==> flow/design.v <==
module dp_add_unit_rtl #(
  parameter DATA_W = 120,
  parameter SLICE = 8
) (
  input  logic aclk,
  input  logic aresetn,
  input  logic enable,
  input  logic [DATA_W-1:0] rs1,
  input  logic [DATA_W-1:0] rs2,
  input  logic cin,
  output logic [DATA_W-1:0] q,
  output logic carry_out
);
  logic [DATA_W-1:0] rs1_s;
  logic [DATA_W-1:0] rs2_s;
  logic cin_s;
  always_ff @(posedge aclk) begin
    if (!aresetn) begin
      rs1_s <= 0;
      rs2_s <= 0;
      cin_s <= 1'b0;
    end else if (enable) begin
      rs1_s <= rs1;
      rs2_s <= rs2;
      cin_s <= cin;
    end
  end
  localparam GROUPS = DATA_W / SLICE;
  logic [DATA_W-1:0] t;
  logic [GROUPS:0] cy;
  assign cy[0] = cin_s;
  generate
    for (genvar k = 0; k < GROUPS; k++) begin : g_bit
      wire [SLICE:0] s0 = rs1_s[k*SLICE +: SLICE] + rs2_s[k*SLICE +: SLICE];
      wire [SLICE:0] s1 = rs1_s[k*SLICE +: SLICE] + rs2_s[k*SLICE +: SLICE] + 1'b1;
      assign {cy[k+1], t[k*SLICE +: SLICE]} = cy[k] ? s1 : s0;
    end
  endgenerate
  always_ff @(posedge aclk) begin
    if (!aresetn) begin
      q <= 0;
      carry_out <= 1'b0;
    end else if (enable) begin
      q <= t;
      carry_out <= cy[GROUPS];
    end
  end
endmodule
# From RTL to reports: dp_add_unit_rtl
# The steps from the RTL of dp_add_unit_rtl to its reports follow in flow order.
# Lines are those of the file above, counted from 1.
# Operators: Yosys type, input widths -> output width; for muxes data width and select width s.
# Cell names lack the library's common part.
# A cell with - has no value.
# inputs
design	dp_add_unit_rtl
clock_port	aclk
cell_library	sky130hd
pvt_corner	tt_025C_1v80

# After elaboration
# Source: Yosys, flattened and elaborated, memories not mapped. Widths are those after wreduce; folded enables and synchronous resets count as part of the registers. Registers that Yosys merges into a memory's read port (data or address) are not register bits. Print and check cells do not count. Equal cells are merged and count once.
# bits
ff_bits	362
inputBits	244
output_inout_bits	121
# op_classes
addsub	30
n_mux	15
# op_table
op	n
$add 8x8->9	15
$add 9x1->9 const B	15
$mux 9	15

# Longest topological paths
# Longest topological path by Yosys (ltp), each cell counted once; first at word level (registers and memories cut), then after technology mapping (sequential cells cut; the memories' decode and read muxes count).
# depth
ltp_word	17
ABC_AREA	0
ltp_mapped	23
mapped_depth_nobuf	23

# After synthesis
# The flow's flattened synthesis, as Yosys stat reports it; memories are mapped. The netlist is that of the ABC_AREA named above (0 if unset); the other value can give another one.
# types
cell_type	n
dfxtp_1	362
mux2i_1	278
ha_1	135
nor2_1	398
xnor2_1	114
a211oi_1	85
xor2_1	64
a21oi_1	102
o21bai_1	47
fa_1	15
clkbuf_1	65
nand2_1	65
a21o_1	31
inv_1	56
nand3_1	30
o21ai_0	29
and3_1	20
buf_1	28
# Not listed: further types 46, cells in them 145.
# mapped
cells	2069
area_um2	19190.9
seq_area_um2	7247.0
flip_flops	362
n_buf	93

# Timing after synthesis
# Path of least setup slack by OpenSTA after synthesis, without wires, with an ideal clock, recovery checks aside; 20% of the period is set as input and as output delay. Where synthesis merged equal registers, the netlist keeps one of their names.
# synth_path
path_type	register to register
from	register rs1_s[8]
to	register q[114]
period_ns	8.35
t_arrival_ns	6.560
required_time_ns	8.228
path_slack_ns	1.668
path_delay_ns	6.682
stages	24
synth_period_reached_ns	6.682
# "path_delay_ns" = arrival - input delay + setup time.
# "stages": output pins that drive a net of the path, with the launching flip-flop's if there is one; two outputs of one cell count as two.
# "synth_period_reached_ns" is the clock period less the worst setup slack; recovery checks do not enter. This is arithmetic on one report: input and output delays are still those of the set period (20% each).
# Between the ends stands the longest chain of elaborated cells between them, by number of cells; it is not shown to be the way that was timed. Of several equally long chains one is given.
# Each line given opens the expression or statement behind the cell; cells for indexed reads and writes are added by Yosys, which also makes memories of some case tables.
# synth_between
path_cell_list	dfxtp_1 -> ha_1 -> fa_1 -> a211oi_1 -> o21ai_1 -> a221oi_1 -> and4bb_1 -> o2111ai_1 -> nand2_1 -> mux2i_2 -> mux2i_1 -> mux2i_1 -> mux2i_1 -> mux2i_1 -> mux2i_1 -> mux2_4 -> mux2_4 -> mux2i_2 -> mux2i_1 -> mux2_4 -> mux2i_4 -> xnor2_2 -> a21oi_1 -> a311o_1
elab_chain_cells	16
cone_cells	16
classes_between	add/sub (2); mux (14)
# synth_lines
element	line_no	source
start, declared	14	logic [DATA_W-1:0] rs1_s;
start, assigned	19	rs1_s <= 0;
start, assigned	23	rs1_s <= rs1;
$add 8x8->9	35	wire [SLICE:0] s1 = rs1_s[k*SLICE +: SLICE] + rs2_s[k*SLICE +: SLICE] + 1'b1;
$add 9x1->9	35
$mux 9 (14 in a row)	36	assign {cy[k+1], t[k*SLICE +: SLICE]} = cy[k] ? s1 : s0;
end, assigned	41	q <= 0;
end, assigned	44	q <= t;
end, declared	11	output logic [DATA_W-1:0] q,

# Worst path after layout
# From the final timing report of flow run 1: the path of least setup slack in the routed layout; clock arrival at registers is part of the times.
# layout_path
path_type	register to register
from	register rs1_s[8]
to	register q[114]
period_ns	8.35
t_arrival_ns	8.26
required_time_ns	8.79
path_slack_ns	0.53
stages	24
# Between the ends stands the longest chain of elaborated cells between them, by number of cells; it is not shown to be the way that was timed. Of several equally long chains one is given.
# layout_between
path_cell_list	dfxtp_1 -> ha_1 -> fa_1 -> a211oi_1 -> o21ai_1 -> a221oi_1 -> and4bb_1 -> nand4bb_1 -> nand2_1 -> mux2i_2 -> mux2i_1 -> mux2i_1 -> mux2i_1 -> mux2i_1 -> mux2i_1 -> mux2_4 -> mux2_4 -> mux2i_2 -> mux2i_1 -> mux2_4 -> mux2i_4 -> xnor2_2 -> a21oi_1 -> a311o_1
elab_chain_cells	16
cone_cells	16
classes_between	add/sub (2); mux (14)
# layout_lines
element	line_no	source
start, declared	14	logic [DATA_W-1:0] rs1_s;
start, assigned	19	rs1_s <= 0;
start, assigned	23	rs1_s <= rs1;
$add 8x8->9	35	wire [SLICE:0] s1 = rs1_s[k*SLICE +: SLICE] + rs2_s[k*SLICE +: SLICE] + 1'b1;
$add 9x1->9	35
$mux 9 (14 in a row)	36	assign {cy[k+1], t[k*SLICE +: SLICE]} = cy[k] ? s1 : s0;
end, assigned	41	q <= 0;
end, assigned	44	q <= t;
end, declared	11	output logic [DATA_W-1:0] q,

Lab notebook: dp_add_unit_rtl

Top module dp_add_unit_rtl; platform sky130hd; tools Yosys and OpenROAD; 3 stored runs in no particular order. Input and output delays are each 20% of the period that was set; the output load is 0.01 pF.
"period_less_ws_ns": clock period set for the run, less the worst setup slack. It is reckoned from that one timing run; input and output delays stay at 20% of the period that was set.
"worst_path_ns" = time allowed to the worst setup path (clock period - input delay - output delay, where it has them) - its slack; a late launch clock adds to it, a late capture clock takes from it.
By "design_power_uw" is meant OpenSTA's value without simulated activity: inputs other than the clock are taken to toggle once in ten clock periods, and the tool carries that through the logic.

Flow run 1, flow files:
==> flow/run.sh <==
#!/bin/bash
# the make line also repeats the synthesis and layout settings of config.mk as NAME=value (left out here)
make -C /OpenROAD-flow-scripts/flow DESIGN_CONFIG=/design/flow/config.mk WORK_HOME=/design/flow/orfs CLKGATE_MAP_FILE= finish
==> flow/config.mk <==
export PLATFORM = sky130hd
export DESIGN_NAME = dp_add_unit_rtl
export DESIGN_NICKNAME = dp_add_unit_rtl
export VERILOG_FILES = /design/flow/design.v
export SDC_FILE = /design/flow/constraint.sdc
export NUM_CORES = 4
export LEC_CHECK = 0
export CAP_MARGIN = 20
export CORE_MARGIN = 2
export CORE_UTILIZATION = 40
export SLEW_MARGIN = 20
==> flow/constraint.sdc <==
create_clock -name core_clock -period 8.35 [get_ports {aclk}]
set_input_delay 1.6700 -clock core_clock [delete_from_list [all_inputs] [get_ports {aclk}]]
set_output_delay 1.6700 -clock core_clock [all_outputs]
set_load 0.01 [all_outputs]

==> results of flow run 1, as CSV <==
result,value
design_power_uw,4726
hold_ws_ns,0.465
die_area_um2,49744.6
worst_path_ns,7.82
critical_path_type,"register to register"
fin_util_pct,52.2
period_less_ws_ns,7.818
finalCellArea_um2,24827.6
setup_ws_ns,0.532
final_setup_tns_ns,0.000
yosys_chip_area_um2,19190.9

Flow run 2, flow files:
==> flow/run.sh <==
#!/bin/bash
# the make line also repeats the synthesis and layout settings of config.mk as NAME=value (left out here)
make -C /OpenROAD-flow-scripts/flow DESIGN_CONFIG=/design/flow/config.mk WORK_HOME=/design/flow/orfs CLKGATE_MAP_FILE= finish
==> flow/config.mk <==
export PLATFORM = sky130hd
export DESIGN_NAME = dp_add_unit_rtl
export DESIGN_NICKNAME = dp_add_unit_rtl
export VERILOG_FILES = /design/flow/design.v
export SDC_FILE = /design/flow/constraint.sdc
export NUM_CORES = 4
export LEC_CHECK = 0
export CAP_MARGIN = 20
export CELL_PAD_IN_SITES_DETAIL_PLACEMENT = 0
export CELL_PAD_IN_SITES_GLOBAL_PLACEMENT = 1
export CORE_MARGIN = 2
export CORE_UTILIZATION = 37
export CTS_CLUSTER_DIAMETER = 259
export CTS_CLUSTER_SIZE = 62
export MIN_ROUTING_LAYER = met1
export PLACE_DENSITY_LB_ADDON = 0.26
export SETUP_SLACK_MARGIN = 0.57
export SLEW_MARGIN = 20
export TNS_END_PERCENT = 5
==> flow/constraint.sdc <==
create_clock -name core_clock -period 10.6 [get_ports {aclk}]
set_input_delay 2.1200 -clock core_clock [delete_from_list [all_inputs] [get_ports {aclk}]]
set_output_delay 2.1200 -clock core_clock [all_outputs]
set_load 0.01 [all_outputs]

==> results of flow run 2, as CSV <==
result,value
design_power_uw,2767
hold_ws_ns,0.486
die_area_um2,53705.7
worst_path_ns,7.91
critical_path_type,"register to register"
fin_util_pct,46.1
period_less_ws_ns,7.909
finalCellArea_um2,23657.7
setup_ws_ns,2.691
final_setup_tns_ns,0.000
yosys_chip_area_um2,19190.9

Flow run 3, flow files:
==> flow/run.sh <==
#!/bin/bash
# the make line also repeats the synthesis and layout settings of config.mk as NAME=value (left out here)
make -C /OpenROAD-flow-scripts/flow DESIGN_CONFIG=/design/flow/config.mk WORK_HOME=/design/flow/orfs CLKGATE_MAP_FILE= finish
==> flow/config.mk <==
export PLATFORM = sky130hd
export DESIGN_NAME = dp_add_unit_rtl
export DESIGN_NICKNAME = dp_add_unit_rtl
export VERILOG_FILES = /design/flow/design.v
export SDC_FILE = /design/flow/constraint.sdc
export NUM_CORES = 4
export LEC_CHECK = 0
export ABC_AREA = 1
export CAP_MARGIN = 20
export CELL_PAD_IN_SITES_GLOBAL_PLACEMENT = 3
export CORE_MARGIN = 7
export CORE_UTILIZATION = 19
export CTS_CLUSTER_DIAMETER = 372
export CTS_CLUSTER_SIZE = 100
export HOLD_SLACK_MARGIN = 0.06
export PLACE_DENSITY_LB_ADDON = 0.13
export SLEW_MARGIN = 20
==> flow/constraint.sdc <==
create_clock -name core_clock -period 12.8 [get_ports {aclk}]
set_input_delay 2.5600 -clock core_clock [delete_from_list [all_inputs] [get_ports {aclk}]]
set_output_delay 2.5600 -clock core_clock [all_outputs]
set_load 0.01 [all_outputs]

==> results of flow run 3, as CSV <==
result,value
design_power_uw,2497
hold_ws_ns,0.481
die_area_um2,115865.0
worst_path_ns,4.99
critical_path_type,"register to register"
fin_util_pct,24.1
period_less_ws_ns,4.992
finalCellArea_um2,25444.4
setup_ws_ns,7.808
final_setup_tns_ns,0.000
yosys_chip_area_um2,20240.7
